==> flow/design.v <==
module my_data_mux_stage #(
    parameter DATA_WIDTH = 3,
    parameter LANES = 8,
    parameter SW = $clog2(LANES)
) (
    input  logic ck,
    input  logic nrst,
    input  logic [LANES*DATA_WIDTH-1:0] din,
    input  logic [SW-1:0] choose,
    output logic [DATA_WIDTH-1:0] dout
);
    logic [LANES*DATA_WIDTH-1:0] din_r;
    always_ff @(posedge ck or negedge nrst) begin
        if (~nrst) begin
            din_r <= 0;
        end else begin
            din_r <= din;
        end
    end
    logic [SW-1:0] choose_r;
    always_ff @(posedge ck or negedge nrst) begin
        if (~nrst) begin
            choose_r <= 0;
        end else begin
            choose_r <= choose;
        end
    end
    wire [DATA_WIDTH-1:0] node [1:2*LANES-1];
    generate
        for (genvar g = 0; g < LANES; g++) begin : blk
            assign node[LANES+g] = din_r[g*DATA_WIDTH +: DATA_WIDTH];
        end
        for (genvar g = 1; g < LANES; g++) begin : g_bit
            assign node[g] = choose_r[SW - $clog2(g+1)] ? node[2*g+1] : node[2*g];
        end
    endgenerate
    assign dout = node[1];
endmodule
Step by step through the tools: my_data_mux_stage
The steps from the RTL of my_data_mux_stage to its reports follow in flow order.
Line numbers count from 1 in the design file above.
Library cell names are shortened.
The mark - stands for no value.

set-up
  design top = my_data_mux_stage
  clock port = ck
  cell library = sky130hd
  library corner = tt_025C_1v80

Elaborated design
Source: Yosys, flattened and elaborated. Widths are those after wreduce; folded enables and synchronous resets count as part of the registers. Registers that Yosys merges into a memory's read port (data or address) are not register bits. Print and check cells do not count. Equal cells are merged and count once.

word-level totals
  flip-flop bits (word level) = 27
  output and inout bits = 3
  cells after elaboration = 9

cells by class
  mux-type cells = 7

operators by type and width
  operator          count
  2-to-1 mux 3 bit  7

Depth
Depth = most cells in a row (Yosys ltp): at word level without a register or memory, in the mapped netlist without a sequential cell, where the memories' decode and read muxes count.

depth
  word-level depth = 3
  ABC_AREA = 0
  mapped depth = 3
  depth with buffers taken out = 2

Synthesis result
Yosys stat after the flow's synthesis: flattened, memories mapped to cells. It holds for the ABC_AREA given above (unset counts as 0); a run with the other value may have another netlist.
Totals and module areas in this step are rounded.

cells by type
  cell type  count  area in all (um^2)
  dfrtp_1    27     675.648
  mux4_1     6      157.651
  mux2_2     3      33.782
  buf_6      1      11.261

mapped netlist
  cells in the netlist = 37
  chip area (Yosys) = 878 um^2
  sequential area = 676 um^2
  mapped flip-flops = 27

Timing after synthesis
Path of least setup slack by OpenSTA after synthesis, without wires, with an ideal clock, recovery checks aside; 20% of the period is set as input and as output delay. Where synthesis merged equal registers, the netlist keeps one of their names.

path post-synthesis
  kind = flip-flop to output port
  from = reg (no name shown)
  to = out dout[0]
  clock period = 1,960 ps
  arrival = 1,255 ps
  required time = 1,568 ps
  path slack = 313 ps
  path delay = 1,255 ps
  stages = 4
  path buffers = 1
  synthesis period reached = 1,647 ps

"path delay" = arrival - input delay + setup time.
A path that ends at an output port has no setup time.
"stages" counts driving pins, that of a launching flip-flop among them; a cell with two outputs on the path counts twice.
"synthesis period reached" = period - worst setup slack (recovery checks aside). The figure is calculated, with input and output delays left at 20% of the set period.
The rows between start and end are the longest chain of elaborated cells between them; the timing report does not say that the signal goes this way. Where chains are equally long, one stands for them.
Each line given opens the expression or statement behind the cell; cells for indexed reads and writes are added by Yosys, which also makes memories of some case tables.

between the ends, post-synthesis
  path through = dfrtp_1 -> buf_6 -> mux4_1 -> mux2_2
  cells in the longest elaborated chain = 3

RTL lines, path post-synthesis
  item                 RTL line  source
  start, declared      20
  start, assigned      23
  start, assigned      25
  2-to-1 mux 3 bit x3  34
  end, declared        10        output logic [DATA_WIDTH-1:0] dout

Path in the finished layout
Path of least setup slack in the final report of stored run 1 (OpenROAD, finished layout, wires in). Where an end is a register, its clock arrival counts in the times.
The report prints the path's times to 10 ps; the period is as set.

path post-layout
  kind = flip-flop to output port
  from = reg (no name shown)
  to = out dout[2]
  clock period = 1,140 ps
  arrival = 1,730 ps
  required time = 910 ps
  path slack = -820 ps
  stages = 5
  path buffers = 2

The rows between start and end are the longest chain of elaborated cells between them; the timing report does not say that the signal goes this way. Where chains are equally long, one stands for them.

between the ends, post-layout
  path through = dfrtp_1 -> buf_6 -> mux4_2 -> mux2_4 -> buf_6
  cells in the longest elaborated chain = 3

RTL lines, path post-layout
  item                 RTL line  source
  start, declared      20
  start, assigned      23
  start, assigned      25
  2-to-1 mux 3 bit x3  34
  end, declared        10        output logic [DATA_WIDTH-1:0] dout

Record of 3 stored runs of the RTL-to-layout flow on my_data_mux_stage, platform sky130hd. The runs are unordered. Constraints: input delay and output delay 20% of the set period each, output load 0.01 pF.
"achieved clock period" means the clock period less the worst setup slack. The figure is calculated, with input and output delays left at 20% of the set period.
"worst setup path time" means the part of the period allowed to the worst setup path (the constraints hold back 20% at inputs and 20% at outputs) less its slack; where the path has registers, the arrival times of their clocks count too.
"power" is the tool's figure for a default switching activity; nothing was simulated.
"worst setup path time" is known to 10 ps.
Measured values are rounded.

Stored run 1
==> flow/run.sh <==
#!/bin/bash
# the make line also repeats the synthesis and layout settings of config.mk as NAME=value (left out here)
make -C /OpenROAD-flow-scripts/flow DESIGN_CONFIG=/design/flow/config.mk WORK_HOME=/design/flow/orfs CLKGATE_MAP_FILE= finish
==> flow/config.mk <==
export PLATFORM = sky130hd
export DESIGN_NAME = my_data_mux_stage
export DESIGN_NICKNAME = my_data_mux_stage
export VERILOG_FILES = /design/flow/design.v
export SDC_FILE = /design/flow/constraint.sdc
export NUM_CORES = 4
export LEC_CHECK = 0
export ABC_AREA = 0
export CAP_MARGIN = 20
export CORE_MARGIN = 2
export CORE_UTILIZATION = 29
export CTS_CLUSTER_SIZE = 22
export GPL_TIMING_DRIVEN = 1
export PLACE_DENSITY_LB_ADDON = 0.07
export SLEW_MARGIN = 20
export TNS_END_PERCENT = 65
==> flow/constraint.sdc <==
create_clock -name core_clock -period 1.14 [get_ports {ck}]
set_input_delay 0.2280 -clock core_clock [delete_from_list [all_inputs] [get_ports {ck}]]
set_output_delay 0.2280 -clock core_clock [all_outputs]
set_load 0.01 [all_outputs]

==> results of stored run 1 <==
chip area after synthesis (Yosys): 878 um^2
die area: 3,490 um^2
standard-cell area of the final layout: 1,280 um^2
utilization: 0.455
worst setup slack after layout: -821 ps
total negative slack: -2,440 ps
power: 1,640 µW
achieved clock period: 1,961 ps
worst setup path time: 1,730 ps
worst setup path kind: flip-flop to output port

Stored run 2
==> flow/run.sh <==
#!/bin/bash
# the make line also repeats the synthesis and layout settings of config.mk as NAME=value (left out here)
make -C /OpenROAD-flow-scripts/flow DESIGN_CONFIG=/design/flow/config.mk WORK_HOME=/design/flow/orfs CLKGATE_MAP_FILE= finish
==> flow/config.mk <==
export PLATFORM = sky130hd
export DESIGN_NAME = my_data_mux_stage
export DESIGN_NICKNAME = my_data_mux_stage
export VERILOG_FILES = /design/flow/design.v
export SDC_FILE = /design/flow/constraint.sdc
export NUM_CORES = 4
export LEC_CHECK = 0
export ABC_AREA = 1
export CAP_MARGIN = 20
export CELL_PAD_IN_SITES_GLOBAL_PLACEMENT = 3
export CORE_ASPECT_RATIO = 0.61
export CORE_MARGIN = 2
export CORE_UTILIZATION = 55
export CTS_CLUSTER_SIZE = 61
export PLACE_DENSITY = 0.74
export SETUP_SLACK_MARGIN = 0.16
export SLEW_MARGIN = 10
==> flow/constraint.sdc <==
create_clock -name core_clock -period 2.06 [get_ports {ck}]
set_input_delay 0.4120 -clock core_clock [delete_from_list [all_inputs] [get_ports {ck}]]
set_output_delay 0.4120 -clock core_clock [all_outputs]
set_load 0.01 [all_outputs]

==> results of stored run 2 <==
did not finish, placement stopped with GPL-0301

Stored run 3
==> flow/run.sh <==
#!/bin/bash
# the make line also repeats the synthesis and layout settings of config.mk as NAME=value (left out here)
make -C /OpenROAD-flow-scripts/flow DESIGN_CONFIG=/design/flow/config.mk WORK_HOME=/design/flow/orfs CLKGATE_MAP_FILE= finish
==> flow/config.mk <==
export PLATFORM = sky130hd
export DESIGN_NAME = my_data_mux_stage
export DESIGN_NICKNAME = my_data_mux_stage
export VERILOG_FILES = /design/flow/design.v
export SDC_FILE = /design/flow/constraint.sdc
export NUM_CORES = 4
export LEC_CHECK = 0
export CAP_MARGIN = 20
export CORE_MARGIN = 2
export CORE_UTILIZATION = 40
export SLEW_MARGIN = 20
==> flow/constraint.sdc <==
create_clock -name core_clock -period 1.96 [get_ports {ck}]
set_input_delay 0.3920 -clock core_clock [delete_from_list [all_inputs] [get_ports {ck}]]
set_output_delay 0.3920 -clock core_clock [all_outputs]
set_load 0.01 [all_outputs]

==> results of stored run 3 <==
chip area after synthesis (Yosys): 878 um^2
die area: 2,590 um^2
standard-cell area of the final layout: 1,260 um^2
utilization: 0.625
worst setup slack after layout: -183 ps
total negative slack: -537 ps
power: 962 µW
achieved clock period: 2,143 ps
worst setup path time: 1,750 ps
worst setup path kind: flip-flop to output port
